==> flow/design.v <==
module add_mod #(
    parameter DATA_WIDTH = 16
) (
    input  wire ck,
    input  wire [DATA_WIDTH-1:0] rs1_in,
    input  wire [DATA_WIDTH-1:0] rs2_in,
    input  wire cy_in_in,
    output wire [DATA_WIDTH-1:0] o_out,
    output wire cy_out
);
    reg [DATA_WIDTH-1:0] rs1_s;
    reg [DATA_WIDTH-1:0] rs2_s;
    reg cy_in_s;
    always @(posedge ck) begin
        rs1_s <= rs1_in;
        rs2_s <= rs2_in;
        cy_in_s <= cy_in_in;
    end
    wire [DATA_WIDTH-1:0] r;
    wire [DATA_WIDTH:0] carry;
    assign carry[0] = cy_in_s;
    genvar g;
    generate
        for (g = 0; g < DATA_WIDTH; g = g + 1) begin : slice
            assign r[g] = rs1_s[g] ^ rs2_s[g] ^ carry[g];
            assign carry[g+1] = (rs1_s[g] & rs2_s[g]) | (carry[g] & (rs1_s[g] ^ rs2_s[g]));
        end
    endgenerate
    assign o_out = r;
    assign cy_out = carry[DATA_WIDTH];
endmodule
Reports on add_mod --
What the tools print for add_mod, step after step. Line numbers count from 1 in the design file above. Operators: Yosys type, input widths -> output width; for muxes data width and select width s. Library cell names are shortened. A cell with -- has no value.
Design: top add_mod, clock ck, standard-cell library sky130hd, timing corner tt_025C_1v80

Word level --
Counts by Yosys on the flattened word-level netlist (proc, flatten, opt, wreduce; memories kept). Register bits leave out memories and registers merged into their read ports (data or address); mux counts leave out enables and synchronous resets folded into registers. Print and check cells are left out. Cells with the same type and inputs are merged into one.
Cells by class: bitwise logic cells 80
Operators with widths (number):
- $and 1x1->1 | 32
- $xor 1x1->1 | 32
- $or 1x1->1 | 16
Word-level totals: cells after elaboration 83, output and inout bits 17, input port bits 34, flip-flop bits (word level) 33

Depth --
Depth = most cells in a row (Yosys ltp): at word level without a register or memory, in the mapped netlist without a sequential cell, where the memories' decode and read muxes count.
Depth: depth in word-level cells 33, ABC_AREA 0, depth in mapped cells 20, gate-level depth less buffers 20

Netlist --
The flow's flattened synthesis, as Yosys stat reports it; memories are mapped. The netlist is that of the ABC_AREA named above (0 if unset); the other value can give another one. Totals and module areas in this step are rounded.
Cells by type:
- dfxtp_1 | number 33, total area 660.634 µm²
- fa_1 | number 16, total area 320.307 µm²
- inv_1 | number 10, total area 37.536 µm²
Mapped netlist: area of sequential cells 660 µm², mapped area 1000 µm², buffer cells 0, flip-flops 33, standard cells after synthesis 59

Path before layout --
OpenSTA on the mapped netlist: ideal clock, no wires. The path of least setup slack (recovery checks aside). Input and output delay are each 20% of the period. Register names are those of the netlist, which keeps one name where synthesis merged equal registers.
Path after synthesis: path type register -> output, from register rs1_s[0], to output port o_out[15], data arrival time 6.409 ns, output delay 2.000 ns, launch time at the first pin 0.000 ns, period 10.0 ns, buffers on the path 0, required time 8.000 ns, delay of the path 6.409 ns, stages 21, path slack 1.591 ns, synthesis period reached 8.409 ns
"delay of the path" is the arrival time less input delay plus setup time. At an output port there is no setup time. "stages" counts driving pins, that of a launching flip-flop among them; a cell with two outputs on the path counts twice. "synthesis period reached" is the clock period less the worst setup slack; recovery checks do not enter. This is arithmetic on one report: input and output delays are still those of the set period (20% each). The rows between start and end are the longest chain of elaborated cells between them; the timing report does not say that the signal goes this way. Where chains are equally long, one stands for them. Each line given opens the expression or statement behind the cell; cells for indexed reads and writes are added by Yosys, which also makes memories of some case tables.
On the way, after synthesis: path through dfxtp_1 > fa_1 > fa_1 > fa_1 > fa_1 > fa_1 > fa_1 > fa_1 > fa_1 > fa_1 > fa_1 > fa_1 > fa_1 > fa_1 > inv_1 > fa_1 > inv_1 > fa_1 > inv_1 > fa_1 > inv_1, length of the longest elaborated chain 32, elaborated cells on any way between the ends 33, classes of those cells logic: 33
RTL lines, path after synthesis:
- start: declaration | line 11 | reg [DATA_WIDTH-1:0] rs1_s;
- start: assignment | line 15 | rs1_s <= rs1_in;
- $xor 1x1->1 | line 26 | assign carry[g+1] = (rs1_s[g] & rs2_s[g]) | (carry[g] & (rs1_s[g] ^ rs2_s[g]));
- $and 1x1->1 | line 26
- $or 1x1->1 | line 26
- $and 1x1->1 | line 26
- $or 1x1->1 | line 26
- $and 1x1->1 | line 26
- $or 1x1->1 | line 26
- (+18 left out)
- $and 1x1->1 | line 26
- $or 1x1->1 | line 26
- $and 1x1->1 | line 26
- $or 1x1->1 | line 26
- $and 1x1->1 | line 26
- $or 1x1->1 | line 26
- $xor 1x1->1 | line 25 | assign r[g] = rs1_s[g] ^ rs2_s[g] ^ carry[g];
- end: declaration | line 8 | output wire [DATA_WIDTH-1:0] o_out,

Path in the finished layout --
Path of least setup slack in the final report of run 1 (OpenROAD, finished layout, wires in). Where an end is a register, its clock arrival counts in the times.
Path post-layout: path type register -> output, from register rs1_s[0], to output port o_out[15], path slack 0.51 ns, launch time at the first pin 0.32 ns, stages 22, output delay 2.00 ns, data arrival time 7.49 ns, buffers on the path 1, period 10.0 ns, required time 8.00 ns
The rows between start and end are the longest chain of elaborated cells between them; the timing report does not say that the signal goes this way. Where chains are equally long, one stands for them.
On the way, post-layout: path through dfxtp_1 > fa_1 > fa_1 > fa_1 > fa_1 > fa_1 > fa_1 > fa_1 > fa_1 > fa_1 > fa_1 > fa_1 > fa_1 > fa_1 > inv_1 > fa_1 > inv_1 > fa_1 > inv_1 > fa_1 > inv_1 > clkdlybuf4s50_1, length of the longest elaborated chain 32, elaborated cells on any way between the ends 33, classes of those cells logic: 33
RTL lines, path post-layout:
- start: declaration | line 11 | reg [DATA_WIDTH-1:0] rs1_s;
- start: assignment | line 15 | rs1_s <= rs1_in;
- $xor 1x1->1 | line 26 | assign carry[g+1] = (rs1_s[g] & rs2_s[g]) | (carry[g] & (rs1_s[g] ^ rs2_s[g]));
- $and 1x1->1 | line 26
- $or 1x1->1 | line 26
- $and 1x1->1 | line 26
- $or 1x1->1 | line 26
- $and 1x1->1 | line 26
- $or 1x1->1 | line 26
- (+18 left out)
- $and 1x1->1 | line 26
- $or 1x1->1 | line 26
- $and 1x1->1 | line 26
- $or 1x1->1 | line 26
- $and 1x1->1 | line 26
- $or 1x1->1 | line 26
- $xor 1x1->1 | line 25 | assign r[g] = rs1_s[g] ^ rs2_s[g] ^ carry[g];
- end: declaration | line 8 | output wire [DATA_WIDTH-1:0] o_out,

--- measured runs ---
Measured data: module add_mod, platform sky130hd, 3 stored runs of the flow under differing settings, order arbitrary. Input and output delays are each 20% of the period that was set; the output load is 0.01 pF.
"time of the worst setup path": the worst setup path's part of the clock period (all of it between registers, 20% less for each end at a port) less its slack. A launch clock that arrives late makes it longer, a capture clock that arrives late makes it shorter.
"total power of the final layout": no workload was simulated; the value follows from the tool's default switching activity.
Values from the reports are rounded here.

* Run 1 | settings: period_ns 10.0; CAP_MARGIN 20; CORE_MARGIN 2; CORE_UTILIZATION 40; SLEW_MARGIN 20 | results: mapped cell area after synthesis 1000 µm²; full die area 3000 µm²; standard-cell area after routing 1600 µm²; final design utilization 66%; setup slack of the worst path 0.51 ns; lowest hold slack 2.1 ns; total power of the final layout 0.28 mW; time of the worst setup path 7.49 ns; class of the worst setup path register -> output
* Run 2 | settings: period_ns 7.65; CORE_UTILIZATION 45; SETUP_SLACK_MARGIN 1.02; PLACE_DENSITY_LB_ADDON 0.16; TNS_END_PERCENT 50; CTS_CLUSTER_DIAMETER 34; CAP_MARGIN 20; CORE_MARGIN 2; SLEW_MARGIN 20 | results: mapped cell area after synthesis 1000 µm²; full die area 2700 µm²; standard-cell area after routing 1700 µm²; final design utilization 77%; setup slack of the worst path -0.34 ns; lowest hold slack 1.6 ns; total power of the final layout 0.39 mW; time of the worst setup path 6.46 ns; class of the worst setup path register -> output
* Run 3 | settings: period_ns 9.91; CORE_UTILIZATION 37; SETUP_SLACK_MARGIN -0.38; PLACE_DENSITY_LB_ADDON 0.16; CORE_ASPECT_RATIO 1.25; TNS_END_PERCENT 70; ABC_AREA 0; GPL_ROUTABILITY_DRIVEN 0; CTS_CLUSTER_SIZE 100; CAP_MARGIN 5; MAX_ROUTING_LAYER met5; CORE_MARGIN 2; SLEW_MARGIN 20 | results: mapped cell area after synthesis 1000 µm²; full die area 3200 µm²; standard-cell area after routing 1600 µm²; final design utilization 61%; setup slack of the worst path 0.48 ns; lowest hold slack 2.1 ns; total power of the final layout 0.29 mW; time of the worst setup path 7.45 ns; class of the worst setup path register -> output
--- end ---
